==> flow/design.v <==
module pp_row #(parameter N = 4) (
  input wire [N-1:0] a,
  input wire sel,
  input wire [N-1:0] pin,
  output wire [N:0] pout
);
  assign pout = pin + (a & {N{sel}});
endmodule
module gen_times #(
  parameter integer WD = 4
) (
  input CLK,
  input [WD-1:0] i_op_a,
  input [WD-1:0] i_op_b,
  output reg [2*WD-1:0] o_q
);
  reg [WD-1:0] op_a_reg;
  always @(posedge CLK)
    op_a_reg <= i_op_a;
  reg [WD-1:0] op_b_reg;
  always @(posedge CLK)
    op_b_reg <= i_op_b;
  wire [WD:0] nd [0:WD];
  wire [WD-1:0] low;
  assign nd[0] = 0;
  genvar ii;
  generate
    for (ii = 0; ii < WD; ii = ii + 1) begin : g_bit
      pp_row #(.N(WD)) el (.a(op_a_reg), .sel(op_b_reg[ii]), .pin(nd[ii][WD:1]), .pout(nd[ii+1]));
      assign low[ii] = nd[ii+1][0];
    end
  endgenerate
  always @(posedge CLK)
    o_q <= {nd[WD][WD:1], low};
endmodule
Reports on gen_times
The steps from the RTL of gen_times to its reports follow in flow order.
Lines are those of the file above, counted from 1.
Operators carry their Yosys type and port widths (W data, S select, Z words).
Not given: -

design
  top = gen_times
  clock = CLK
  cell library = sky130hd
  corner = tt_025C_1v80

Elaborated design
Source: Yosys, flattened and elaborated, memories not mapped. Widths are those after wreduce; folded enables and synchronous resets count as part of the registers. Registers that Yosys merges into a memory's read port (data or address) are not register bits. Print and check cells do not count. Equal cells are merged and count once.

cells by class
  add/subtract/negate cells = 3
  $mul = 0
  div/mod/pow operators = 0
  order comparisons = 0
  equal/unequal tests = 0
  shifts and indexed selects = 0
  mux-type cells = 0
  bitwise logic cells = 4
  reductions and logical operators = 0

operators by type and width
  cell           count
  $and A4 B4 Y4  4
  $add A4 B5 Y5  2
  $add A3 B5 Y5  1

word-level totals
  bits in registers = 16
  latch bits = 0
  bits in writable memories = 0
  memory bits (read-only) = 0
  clocked read ports x word width = 0
  memories = 0
  input port bits = 9
  cells after elaboration = 10

Longest topological paths
Longest topological path by Yosys (ltp), each cell counted once; first at word level (registers and memories cut), then after technology mapping (sequential cells cut; the memories' decode and read muxes count).

logic depth
  depth after elaboration = 4
  ABC_AREA = 0
  depth in mapped cells = 12
  depth with buffers taken out = 12

Synthesis result
The flow's flattened synthesis, as Yosys stat reports it; memories are mapped. The netlist is that of the ABC_AREA named above (0 if unset); the other value can give another one.

cell types
  type                      count  total area (um2)
  sky130_fd_sc_hd__dfxtp_1  16     320.307
  sky130_fd_sc_hd__ha_1     11     137.632
  sky130_fd_sc_hd__and2_1   13     81.328
  sky130_fd_sc_hd__fa_1     3      60.058
  sky130_fd_sc_hd__a21o_1   7      52.55
  sky130_fd_sc_hd__a21oi_2  3      26.275
  sky130_fd_sc_hd__xnor2_1  3      26.275
  sky130_fd_sc_hd__xor2_1   3      26.275
  sky130_fd_sc_hd__inv_1    5      18.768
  sky130_fd_sc_hd__nand2_1  3      11.261
  sky130_fd_sc_hd__a21oi_1  1      5.005
  sky130_fd_sc_hd__nor2_1   1      3.754

synthesis totals
  cell count = 69
  synthesis area = 0.0007695 mm2
  area of sequential cells = 0.0003203 mm2
  flip-flops = 16
  buffers = 0

By module: a second synthesis without flattening, with its own total; a netlist apart from the flattened one above.

second synthesis, totals
  cell total of the unflattened synthesis = 97
  area (unflattened synthesis) = 0.0009597 mm2

Rows give one instance, submodules left out.

by module
  module         times used  cells  area (mm2)  sequential area (mm2)
  pp_row #(N=4)  4           20     0.0001589   0
  gen_times      1           17     0.0003241   0.0003203

Timing after synthesis
Path of least setup slack by OpenSTA after synthesis, without wires, with an ideal clock, recovery checks aside; 20% of the period is set as input and as output delay. Where synthesis merged equal registers, the netlist keeps one of their names.

timing path post-synthesis
  kind = register to register
  start point = register op_a_reg[1]
  end point = register o_q[7]
  clock period = 3.6 ns
  setup time = 0.114 ns
  arrival = 2.766 ns
  path slack = 0.720 ns
  delay of the path = 2.880 ns
  stages on the path = 12
  buffers on the path = 0
  synthesis period reached = 2.88 ns

"delay of the path" = arrival - input delay + setup time.
"stages on the path" counts driving pins, that of a launching flip-flop among them; a cell with two outputs on the path counts twice.
"synthesis period reached" = period - worst setup slack (recovery checks aside). The figure is calculated, with input and output delays left at 20% of the set period.
The rows between start and end are the longest chain of elaborated cells between them; the timing report does not say that the signal goes this way. Where chains are equally long, one stands for them.
Each line given opens the expression or statement behind the cell; cells for indexed reads and writes are added by Yosys, which also makes memories of some case tables.

on the way, post-synthesis
  path through = sky130_fd_sc_hd__dfxtp_1 > sky130_fd_sc_hd__and2_1 > sky130_fd_sc_hd__ha_1 > sky130_fd_sc_hd__inv_1 > sky130_fd_sc_hd__fa_1 > sky130_fd_sc_hd__inv_1 > sky130_fd_sc_hd__ha_1 > sky130_fd_sc_hd__fa_1 > sky130_fd_sc_hd__ha_1 > sky130_fd_sc_hd__fa_1 > sky130_fd_sc_hd__a21o_1 > sky130_fd_sc_hd__a21o_1
  length of the longest elaborated chain = 4
  elaborated cells on any way between the ends = 7
  source lines of those cells = 1

RTL lines, path post-synthesis
  item              line  RTL
  start, declared   17    reg [WD-1:0] op_a_reg;
  start, assigned   19    op_a_reg <= i_op_a;
  $and A4 B4 Y4     7     assign pout = pin + (a & {N{sel}});
  $add A3 B5 Y5     7
  $add A4 B5 Y5 x2  7
  end, assigned     34    o_q <= {nd[WD][WD:1], low};
  end, declared     15    output reg [2*WD-1:0] o_q

Path in the finished layout
Path of least setup slack in the final report of entry A (OpenROAD, finished layout, wires in). Where an end is a register, its clock arrival counts in the times.

timing path post-layout
  kind = register to register
  start point = register op_a_reg[1]
  end point = register o_q[7]
  clock period = 2.39 ns
  setup time = 0.10 ns
  arrival = 2.93 ns
  path slack = -0.36 ns
  stages on the path = 12
  buffers on the path = 0

The rows between start and end are the longest chain of elaborated cells between them; the timing report does not say that the signal goes this way. Where chains are equally long, one stands for them.

on the way, post-layout
  path through = sky130_fd_sc_hd__dfxtp_2 > sky130_fd_sc_hd__and2_4 > sky130_fd_sc_hd__ha_4 > sky130_fd_sc_hd__inv_2 > sky130_fd_sc_hd__fa_2 > sky130_fd_sc_hd__inv_2 > sky130_fd_sc_hd__ha_4 > sky130_fd_sc_hd__fa_2 > sky130_fd_sc_hd__ha_4 > sky130_fd_sc_hd__fa_2 > sky130_fd_sc_hd__a21o_1 > sky130_fd_sc_hd__a21o_1
  length of the longest elaborated chain = 4
  elaborated cells on any way between the ends = 7
  source lines of those cells = 1

RTL lines, path post-layout
  item              line  RTL
  start, declared   17    reg [WD-1:0] op_a_reg;
  start, assigned   19    op_a_reg <= i_op_a;
  $and A4 B4 Y4     7     assign pout = pin + (a & {N{sel}});
  $add A3 B5 Y5     7
  $add A4 B5 Y5 x2  7
  end, assigned     34    o_q <= {nd[WD][WD:1], low};
  end, declared     15    output reg [2*WD-1:0] o_q

## Implementation results

3 stored runs of gen_times in the flow (synthesis by Yosys, layout by OpenROAD, sky130hd cells), in arbitrary order. Constraints: input delay and output delay 20% of the set period each, output load 0.01 pF.
"reached clock period": clock period set for the run, less the worst setup slack. It is reckoned from that one timing run; input and output delays stay at 20% of the period that was set.
"allowed time less slack (worst setup path)" is the time allowed to the run's worst setup path (the clock period less input and output delay, where it has them) less its slack. Clock arrival times count: a late capture clock shortens it, a late launch clock lengthens it.
"total power of the final layout" is the tool's figure for a default switching activity; nothing was simulated.
A setting shown as n/a is not set for that run.

name                                             entry A               entry B               entry C
period_ns                                        2.39                  3.6                   5.66
CORE_UTILIZATION                                 36                    40                    44
SETUP_SLACK_MARGIN                               -0.0                  n/a                   n/a
PLACE_DENSITY_LB_ADDON                           0.07                  n/a                   0.25
TNS_END_PERCENT                                  30                    n/a                   n/a
CTS_CLUSTER_SIZE                                 36                    n/a                   n/a
CAP_MARGIN                                       10                    20                    15
MIN_ROUTING_LAYER                                met2                  n/a                   n/a
MAX_ROUTING_LAYER                                met5                  n/a                   met4
CORE_MARGIN                                      2                     2                     8
SLEW_MARGIN                                      20                    20                    5
HOLD_SLACK_MARGIN                                n/a                   n/a                   0.03
CORE_ASPECT_RATIO                                n/a                   n/a                   0.6
ABC_AREA                                         n/a                   n/a                   1
GPL_TIMING_DRIVEN                                n/a                   n/a                   1
area of the synthesized netlist (mm2)            0.0007695             0.0007695             0.0008158
die footprint (mm2)                              0.0025231             0.0022906             0.0035333
standard-cell area of the final layout (mm2)     0.0011036             0.0009834             0.0010385
utilization in the final report (%)              55.7                  55.7                  57.6
lowest setup slack (ns)                          -0.364                0.550                 2.762
sum of negative setup slack (ns)                 -1.209                0.000                 0.000
worst hold slack in the final report (ns)        0.580                 0.520                 0.488
total power of the final layout (µW)             661.9                 415.8                 278
reached clock period (ns)                        2.754                 3.050                 2.898
allowed time less slack (worst setup path) (ns)  2.75                  3.05                  2.90
worst setup path kind                            register to register  register to register  register to register
